==> flow/design.v <==
module sync_cmp_top #(
    parameter DATA_WIDTH = 10
) (
    input aclk,
    input [DATA_WIDTH-1:0] i_first,
    input [DATA_WIDTH-1:0] i_second,
    output reg o_equal
);
    reg [DATA_WIDTH-1:0] r_first;
    reg [DATA_WIDTH-1:0] r_second;
    reg [DATA_WIDTH-1:0] r_t;
    always @(posedge aclk) begin
        r_first <= i_first;
        r_second <= i_second;
        r_t <= r_first ^ r_second;
        o_equal <= (r_t == 0);
    end
endmodule
## From RTL to reports: sync_cmp_top

The steps from the RTL of sync_cmp_top to its reports follow in flow order.
Lines are those of the file above, counted from 1.
Cell names lack the library's common part.
Not given: n/a

| design | value |
|---|---|
| top module | sync_cmp_top |
| clock | aclk |
| library | sky130hd |
| library corner | tt_025C_1v80 |

## Word level

Source: Yosys, flattened and elaborated, memories not mapped. Widths are those after wreduce; folded enables and synchronous resets count as part of the registers. Registers that Yosys merges into a memory's read port (data or address) are not register bits. Print and check cells do not count. Equal cells are merged and count once.

| bit counts | value |
|---|---|
| register bits after elaboration | 31 |
| input port bits | 21 |
| output and inout bits | 1 |
| elaborated cells | 6 |

| cells by class | value |
|---|---|
| bitwise logic cells | 1 |
| reductions and logical operators | 1 |

Operator list:

| cell | count |
|---|---|
| XOR 10 bit | 1 |
| zero test 10 bit | 1 |

## Longest topological paths

Depth = most cells in a row (Yosys ltp): at word level without a register or memory, in the mapped netlist without a sequential cell, where the memories' decode and read muxes count.

| logic depth | value |
|---|---|
| depth after elaboration | 1 |
| ABC_AREA | 0 |
| depth in mapped cells | 2 |

## Netlist

Source: synth_stat.txt of the flow (Yosys; design flattened, memories mapped). It holds for the ABC_AREA given above (unset counts as 0); a run with the other value may have another netlist.

Cells by type:

| cell | count | total area (sq um) |
|---|---|---|
| dfxtp_1 | 31 | 620.595 |
| xor2_1 | 10 | 87.584 |
| or4_1 | 2 | 15.014 |
| nor4_2 | 1 | 12.512 |

| synthesis totals | value |
|---|---|
| cell count | 44 |
| chip area (Yosys) | 735.7 sq um |
| flip-flops | 31 |
| buffer cells | 0 |

## Worst setup path after synthesis

OpenSTA on the mapped netlist: ideal clock, no wires. The path of least setup slack (recovery checks aside). Input and output delay are each 20% of the period. Register names are those of the netlist, which keeps one name where synthesis merged equal registers.

| timing after synthesis | value |
|---|---|
| kind | flip-flop to flip-flop |
| start point | reg r_t[5] |
| end point | reg o_equal |
| period | 1.34 ns |
| data arrival time | 0.982 ns |
| path slack | 0.270 ns |
| delay of the path | 1.070 ns |
| stages on the path | 3 |
| path buffers | 0 |
| period reached after synthesis | 1.07 ns |

"delay of the path" = arrival - input delay + setup time.
"stages on the path": output pins that drive a net of the path, with the launching flip-flop's if there is one; two outputs of one cell count as two.
"period reached after synthesis" = period - worst setup slack (recovery checks aside). The figure is calculated, with input and output delays left at 20% of the set period.
The rows between start and end are the longest chain of elaborated cells between them; the timing report does not say that the signal goes this way. Where chains are equally long, one stands for them.
A line is the first line of the expression or statement that the cell stems from. Yosys adds cells for indexed reads and writes and turns some case tables into memories.

| between the ends, after synthesis | value |
|---|---|
| cell sequence | dfxtp_1 -> or4_1 -> nor4_2 |
| cells in the longest elaborated chain | 1 |
| elaborated cells between the ends (all ways) | 1 |
| source lines of those cells | 1 |

Ends and longest elaborated chain, after synthesis:

| item | line | source |
|---|---|---|
| start: declaration | 11 | `reg [DATA_WIDTH-1:0] r_t;` |
| start: assignment | 15 | `r_t <= r_first ^ r_second;` |
| zero test 10 bit | 16 | `o_equal <= (r_t == 0);` |
| end: assignment | 16 |  |
| end: declaration | 7 | `output reg o_equal` |

## Timing after layout

Path of least setup slack in the final report of flow run 1 (OpenROAD, finished layout, wires in). Where an end is a register, its clock arrival counts in the times.

| timing after layout | value |
|---|---|
| kind | flip-flop to output port |
| start point | reg o_equal |
| end point | out o_equal |
| period | 1.66 ns |
| output delay | 0.33 ns |
| data arrival time | 1.10 ns |
| path slack | 0.23 ns |
| stages on the path | 2 |
| path buffers | 1 |

| between the ends, after layout | value |
|---|---|
| cell sequence | dfxtp_1 -> clkdlybuf4s50_1 |
| cells in the longest elaborated chain | 0 |
| elaborated cells between the ends (all ways) | 0 |
| source lines of those cells | 0 |

Ends and longest elaborated chain, after layout:

| item | line | source |
|---|---|---|
| start: declaration | 7 | `output reg o_equal` |
| start: assignment | 16 | `o_equal <= (r_t == 0);` |
| end: declaration | 7 |  |

Memo
Re: implementation data of sync_cmp_top

Module sync_cmp_top, platform sky130hd: 3 stored runs of the flow (Yosys, OpenROAD) with differing settings, in no particular order. Input and output delays are each 20% of the period that was set; the output load is 0.01 pF.
By "clock period achieved" is meant the clock period of the run minus its worst setup slack. This is arithmetic on one report: input and output delays are still those of the set period (20% each).
"worst path time" = time allowed to the worst setup path (clock period - input delay - output delay, where it has them) - its slack; a late launch clock adds to it, a late capture clock takes from it.
By "power" is meant OpenSTA's value without simulated activity: inputs other than the clock are taken to toggle once in ten clock periods, and the tool carries that through the logic.

#### Flow run 1

| setting | value |
|---|---|
| period_ns | `1.66` |
| CORE_UTILIZATION | `22` |
| SETUP_SLACK_MARGIN | `0.09` |
| PLACE_DENSITY_LB_ADDON | `0.01` |
| CORE_ASPECT_RATIO | `1.3` |
| CORE_MARGIN | `3` |
| CELL_PAD_IN_SITES_DETAIL_PLACEMENT | `1` |
| GPL_ROUTABILITY_DRIVEN | `0` |
| CTS_CLUSTER_DIAMETER | `292` |
| MIN_ROUTING_LAYER | `met2` |
| CAP_MARGIN | `20` |
| SLEW_MARGIN | `20` |

| result | value |
|---|---|
| area of the synthesized netlist | 735.7 sq um |
| clock period achieved | 1.428 ns |
| worst hold slack in the final report | 0.405 ns |
| power | 1.380 mW |
| worst path time | 1.10 ns |
| class of the worst setup path | flip-flop to output port |
| setup slack of the critical path | 0.232 ns |
| area inside the die boundary | 4080.2 sq um |
| standard-cell area after layout | 1064.8 sq um |
| post-route utilization | 33.9% |
| total negative setup slack | 0.000 ns |

#### Flow run 2

| setting | value |
|---|---|
| period_ns | `1.34` |
| CAP_MARGIN | `20` |
| CORE_MARGIN | `2` |
| CORE_UTILIZATION | `40` |
| SLEW_MARGIN | `20` |

| result | value |
|---|---|
| area of the synthesized netlist | 735.7 sq um |
| clock period achieved | 1.162 ns |
| worst hold slack in the final report | 0.388 ns |
| power | 1.660 mW |
| worst path time | 1.16 ns |
| class of the worst setup path | flip-flop to flip-flop |
| setup slack of the critical path | 0.178 ns |
| area inside the die boundary | 2198.2 sq um |
| standard-cell area after layout | 1044.8 sq um |
| post-route utilization | 60.5% |
| total negative setup slack | 0.000 ns |

#### Flow run 3

| setting | value |
|---|---|
| period_ns | `0.783` |
| CORE_UTILIZATION | `27` |
| SETUP_SLACK_MARGIN | `0.14` |
| PLACE_DENSITY_LB_ADDON | `0.02` |
| CELL_PAD_IN_SITES_DETAIL_PLACEMENT | `1` |
| ABC_AREA | `1` |
| GPL_TIMING_DRIVEN | `0` |
| GPL_ROUTABILITY_DRIVEN | `1` |
| CAP_MARGIN | `5` |
| MIN_ROUTING_LAYER | `met1` |
| MAX_ROUTING_LAYER | `met4` |
| CORE_MARGIN | `2` |
| SLEW_MARGIN | `20` |

| result | value |
|---|---|
| area of the synthesized netlist | 739.5 sq um |
| clock period achieved | 0.893 ns |
| worst hold slack in the final report | 0.277 ns |
| power | 2.749 mW |
| worst path time | 0.74 ns |
| class of the worst setup path | flip-flop to output port |
| setup slack of the critical path | -0.110 ns |
| area inside the die boundary | 3173.1 sq um |
| standard-cell area after layout | 1039.8 sq um |
| post-route utilization | 40.9% |
| total negative setup slack | -0.110 ns |
